==> flow/design.v <==
module order #(
   parameter DWIDTH = 16
) (
   input logic aclk,
   input logic RSTN,
   input logic valid,
   input logic [DWIDTH-1:0] in_dataa,
   input logic [DWIDTH-1:0] in_datab,
   output logic out_a_gt_b
);
   logic [DWIDTH-1:0] dataa_d1;
   always_ff @(posedge aclk or negedge RSTN) begin
      if (~RSTN) begin
         dataa_d1 <= '0;
      end else if (valid) begin
         dataa_d1 <= in_dataa;
      end
   end
   logic [DWIDTH-1:0] datab_d1;
   always_ff @(posedge aclk or negedge RSTN) begin
      if (~RSTN) begin
         datab_d1 <= '0;
      end else if (valid) begin
         datab_d1 <= in_datab;
      end
   end
   logic [DWIDTH:0] cy;
   assign cy[0] = 1'b0;
   generate
      for (genvar g = 0; g < DWIDTH; g++) begin : u_g
         assign cy[g+1] = (dataa_d1[g] ^ datab_d1[g]) ? dataa_d1[g] : cy[g];
      end
   endgenerate
   assign out_a_gt_b = cy[DWIDTH];
endmodule
[Step by step through the tools: order]
The steps from the RTL of order to its reports follow in flow order.
Lines are those of the file above, counted from 1.
Operators: Yosys type, input widths -> output width; for muxes data width and select width s.
Cell names lack the library's common part.
The mark -- stands for no value.
Set-up
  top: order
  clock input: aclk
  standard-cell library: sky130hd
  library corner: tt_025C_1v80

[After elaboration]
Source: Yosys, flattened and elaborated, memories not mapped. Widths are those after wreduce; folded enables and synchronous resets count as part of the registers. Registers that Yosys merges into a memory's read port (data or address) are not register bits. Print and check cells do not count. Equal cells are merged and count once.
Bit counts
  output and inout port bits: 1
  elaborated cells: 34
  flip-flop bits (word level): 32
Operators by class
  multiplexer cells: 16
  bitwise gates (word level): 16
Operator list (count)
  $xor 1x1->1: 16
  $mux 1: 16

[Logic depth]
Yosys ltp: most cells in a row. Word level: on the elaborated netlist, between registers, memories and ports. Mapped: between sequential cells and ports; inverters and the memories' decode and read muxes count.
Logic depth
  word-level depth: 17
  ABC_AREA: 0
  depth in mapped cells: 6
  gate-level depth less buffers: 6

[Netlist]
Source: synth_stat.txt of the flow (Yosys; design flattened, memories mapped). It holds for the ABC_AREA given above (unset counts as 0); a run with the other value may have another netlist.
The area totals of this step are shown rounded.
Synthesis totals
  area of sequential cells: 0.000801 mm²
  mapped cells: 132
  buffer cells: 5
  mapped flip-flops: 32
  synthesis area: 0.00146 mm²
Cells by type
  dfrtp_1: count 32, area in all 800.768 µm²
  mux2_2: count 18, area in all 202.694 µm²
  o21ai_0: count 17, area in all 85.082 µm²
  nand2_1: count 15, area in all 56.304 µm²
  inv_1: count 14, area in all 52.55 µm²
  nand2b_1: count 5, area in all 31.28 µm²
  a2111oi_4: count 1, area in all 27.526 µm²
  nor2b_1: count 4, area in all 25.024 µm²
  a31o_2: count 2, area in all 17.517 µm²
  a21oi_1: count 3, area in all 15.014 µm²
  buf_2: count 3, area in all 15.014 µm²
  nor2b_4: count 1, area in all 13.763 µm²
  a211oi_2: count 1, area in all 12.512 µm²
  o22ai_1: count 2, area in all 12.512 µm²
  o21ba_1: count 1, area in all 10.01 µm²
  a221oi_1: count 1, area in all 8.758 µm²
  o2111ai_1: count 1, area in all 8.758 µm²
  o221ai_1: count 1, area in all 8.758 µm²
Not listed: further types 9, cells in them 10.

[Timing after synthesis]
Path of least setup slack by OpenSTA after synthesis, without wires, with an ideal clock, recovery checks aside; 20% of the period is set as input and as output delay. Where synthesis merged equal registers, the netlist keeps one of their names.
Timing post-synthesis
  path type: register to output
  start: register datab_d1[2]
  end: output out_a_gt_b
  delay of the path: 1.254 ns
  period: 1.96 ns
  path buffers: 0
  data arrival time: 1.254 ns
  driving pins on the path: 7
  data required time: 1.568 ns
  slack: 0.314 ns
  synthesis period reached: 1.646 ns
"delay of the path" is the arrival time less input delay plus setup time.
At an output port there is no setup time.
"driving pins on the path": output pins that drive a net of the path, with the launching flip-flop's if there is one; two outputs of one cell count as two.
"synthesis period reached" = period - worst setup slack (recovery checks aside). The figure is calculated, with input and output delays left at 20% of the set period.
Between the ends stands the longest chain of elaborated cells between them, by number of cells; it is not shown to be the way that was timed. Of several equally long chains one is given.
Each line given opens the expression or statement behind the cell; cells for indexed reads and writes are added by Yosys, which also makes memories of some case tables.
Between the ends, post-synthesis
  cells stage by stage: dfrtp_1 > nor2b_4 > a2111oi_4 > o21ba_1 > o21a_1 > o211ai_1 > nand2_1
  length of the longest elaborated chain: 15
  elaborated cells on any way between the ends: 15
  RTL lines with such cells: 1
  classes of those cells: mux (14); logic (1)
RTL lines, path post-synthesis
  start, declared: line 19  | logic [DWIDTH-1:0] datab_d1;
  start, assigned: line 22  | datab_d1 <= '0;
  start, assigned: line 24  | datab_d1 <= in_datab;
  $xor 1x1->1: line 31  | assign cy[g+1] = (dataa_d1[g] ^ datab_d1[g]) ? dataa_d1[g] : cy[g];
  $mux 1 x14: line 31
  end, declared: line 9  | output logic out_a_gt_b

[Timing after layout]
From the final timing report of stored run 1: the path of least setup slack in the routed layout; clock arrival at registers is part of the times.
Timing post-layout
  path type: register to output
  start: register dataa_d1[2]
  end: output out_a_gt_b
  period: 1.91 ns
  slack: -0.24 ns
  driving pins on the path: 8
  data arrival time: 1.77 ns
  data required time: 1.53 ns
  path buffers: 1
Between the ends stands the longest chain of elaborated cells between them, by number of cells; it is not shown to be the way that was timed. Of several equally long chains one is given.
Between the ends, post-layout
  cells stage by stage: dfrtp_1 > or2b_1 > o31ai_2 > o21ba_1 > o21a_1 > o211ai_1 > nand2_1 > buf_2
  length of the longest elaborated chain: 15
  elaborated cells on any way between the ends: 15
  RTL lines with such cells: 1
  classes of those cells: mux (14); logic (1)
RTL lines, path post-layout
  start, declared: line 11  | logic [DWIDTH-1:0] dataa_d1;
  start, assigned: line 14  | dataa_d1 <= '0;
  start, assigned: line 16  | dataa_d1 <= in_dataa;
  $xor 1x1->1: line 31  | assign cy[g+1] = (dataa_d1[g] ^ datab_d1[g]) ? dataa_d1[g] : cy[g];
  $mux 1 x14: line 31
  end, declared: line 9  | output logic out_a_gt_b

Settings and measured results of 3 stored flow runs for module order (sky130hd), not sorted in any way. The constraints put input and output delay at 20% of the set period each and load the outputs with 0.01 pF.
"achieved clock period" means the clock period less the worst setup slack. The figure is calculated, with input and output delays left at 20% of the set period.
"worst setup path time" is the time allowed to the run's worst setup path (the clock period less input and output delay, where it has them) less its slack. Clock arrival times count: a late capture clock shortens it, a late launch clock lengthens it.
By "power" is meant OpenSTA's value without simulated activity: inputs other than the clock are taken to toggle once in ten clock periods, and the tool carries that through the logic.
Results are given in rounded form.

Stored run 1
==> flow/run.sh <==
#!/bin/bash
# the make line also repeats the synthesis and layout settings of config.mk as NAME=value (left out here)
make -C /OpenROAD-flow-scripts/flow DESIGN_CONFIG=/design/flow/config.mk WORK_HOME=/design/flow/orfs CLKGATE_MAP_FILE= finish
==> flow/config.mk <==
export PLATFORM = sky130hd
export DESIGN_NAME = order
export DESIGN_NICKNAME = order
export VERILOG_FILES = /design/flow/design.v
export SDC_FILE = /design/flow/constraint.sdc
export NUM_CORES = 4
export LEC_CHECK = 0
export CAP_MARGIN = 15
export CORE_MARGIN = 2
export CORE_UTILIZATION = 58
export GPL_TIMING_DRIVEN = 1
export MAX_ROUTING_LAYER = met5
export MIN_ROUTING_LAYER = met2
export SLEW_MARGIN = 20
==> flow/constraint.sdc <==
create_clock -name core_clock -period 1.91 [get_ports {aclk}]
set_input_delay 0.3820 -clock core_clock [delete_from_list [all_inputs] [get_ports {aclk}]]
set_output_delay 0.3820 -clock core_clock [all_outputs]
set_load 0.01 [all_outputs]

==> results of stored run 1 <==
chip area after synthesis (Yosys): 0.00146 mm²
die area: 0.00294 mm²
standard-cell area of the final layout: 0.00208 mm²
utilization: 85.4%
worst setup slack after layout: -0.237 ns
total negative slack: -0.237 ns
power: 0.00156 W
achieved clock period: 2.147 ns
worst setup path time: 1.77 ns
worst setup path kind: register to output

Stored run 2
==> flow/run.sh <==
#!/bin/bash
# the make line also repeats the synthesis and layout settings of config.mk as NAME=value (left out here)
make -C /OpenROAD-flow-scripts/flow DESIGN_CONFIG=/design/flow/config.mk WORK_HOME=/design/flow/orfs CLKGATE_MAP_FILE= finish
==> flow/config.mk <==
export PLATFORM = sky130hd
export DESIGN_NAME = order
export DESIGN_NICKNAME = order
export VERILOG_FILES = /design/flow/design.v
export SDC_FILE = /design/flow/constraint.sdc
export NUM_CORES = 4
export LEC_CHECK = 0
export CAP_MARGIN = 20
export CORE_MARGIN = 2
export CORE_UTILIZATION = 40
export SLEW_MARGIN = 20
==> flow/constraint.sdc <==
create_clock -name core_clock -period 1.96 [get_ports {aclk}]
set_input_delay 0.3920 -clock core_clock [delete_from_list [all_inputs] [get_ports {aclk}]]
set_output_delay 0.3920 -clock core_clock [all_outputs]
set_load 0.01 [all_outputs]

==> results of stored run 2 <==
chip area after synthesis (Yosys): 0.00146 mm²
die area: 0.00416 mm²
standard-cell area of the final layout: 0.00198 mm²
utilization: 58.0%
worst setup slack after layout: -0.154 ns
total negative slack: -0.154 ns
power: 0.00138 W
achieved clock period: 2.114 ns
worst setup path time: 1.72 ns
worst setup path kind: register to output

Stored run 3
==> flow/run.sh <==
#!/bin/bash
# the make line also repeats the synthesis and layout settings of config.mk as NAME=value (left out here)
make -C /OpenROAD-flow-scripts/flow DESIGN_CONFIG=/design/flow/config.mk WORK_HOME=/design/flow/orfs CLKGATE_MAP_FILE= finish
==> flow/config.mk <==
export PLATFORM = sky130hd
export DESIGN_NAME = order
export DESIGN_NICKNAME = order
export VERILOG_FILES = /design/flow/design.v
export SDC_FILE = /design/flow/constraint.sdc
export NUM_CORES = 4
export LEC_CHECK = 0
export ABC_AREA = 0
export CAP_MARGIN = 20
export CELL_PAD_IN_SITES_GLOBAL_PLACEMENT = 2
export CORE_ASPECT_RATIO = 1.47
export CORE_MARGIN = 2
export CORE_UTILIZATION = 42
export CTS_CLUSTER_SIZE = 66
export GPL_TIMING_DRIVEN = 1
export PLACE_DENSITY_LB_ADDON = 0.02
export SLEW_MARGIN = 15
==> flow/constraint.sdc <==
create_clock -name core_clock -period 2.71 [get_ports {aclk}]
set_input_delay 0.5420 -clock core_clock [delete_from_list [all_inputs] [get_ports {aclk}]]
set_output_delay 0.5420 -clock core_clock [all_outputs]
set_load 0.01 [all_outputs]

==> results of stored run 3 <==
chip area after synthesis (Yosys): 0.00146 mm²
die area: 0.00398 mm²
standard-cell area of the final layout: 0.00195 mm²
utilization: 57.1%
worst setup slack after layout: 0.450 ns
total negative slack: 0.000 ns
power: 0.00112 W
achieved clock period: 2.260 ns
worst setup path time: 1.72 ns
worst setup path kind: register to output
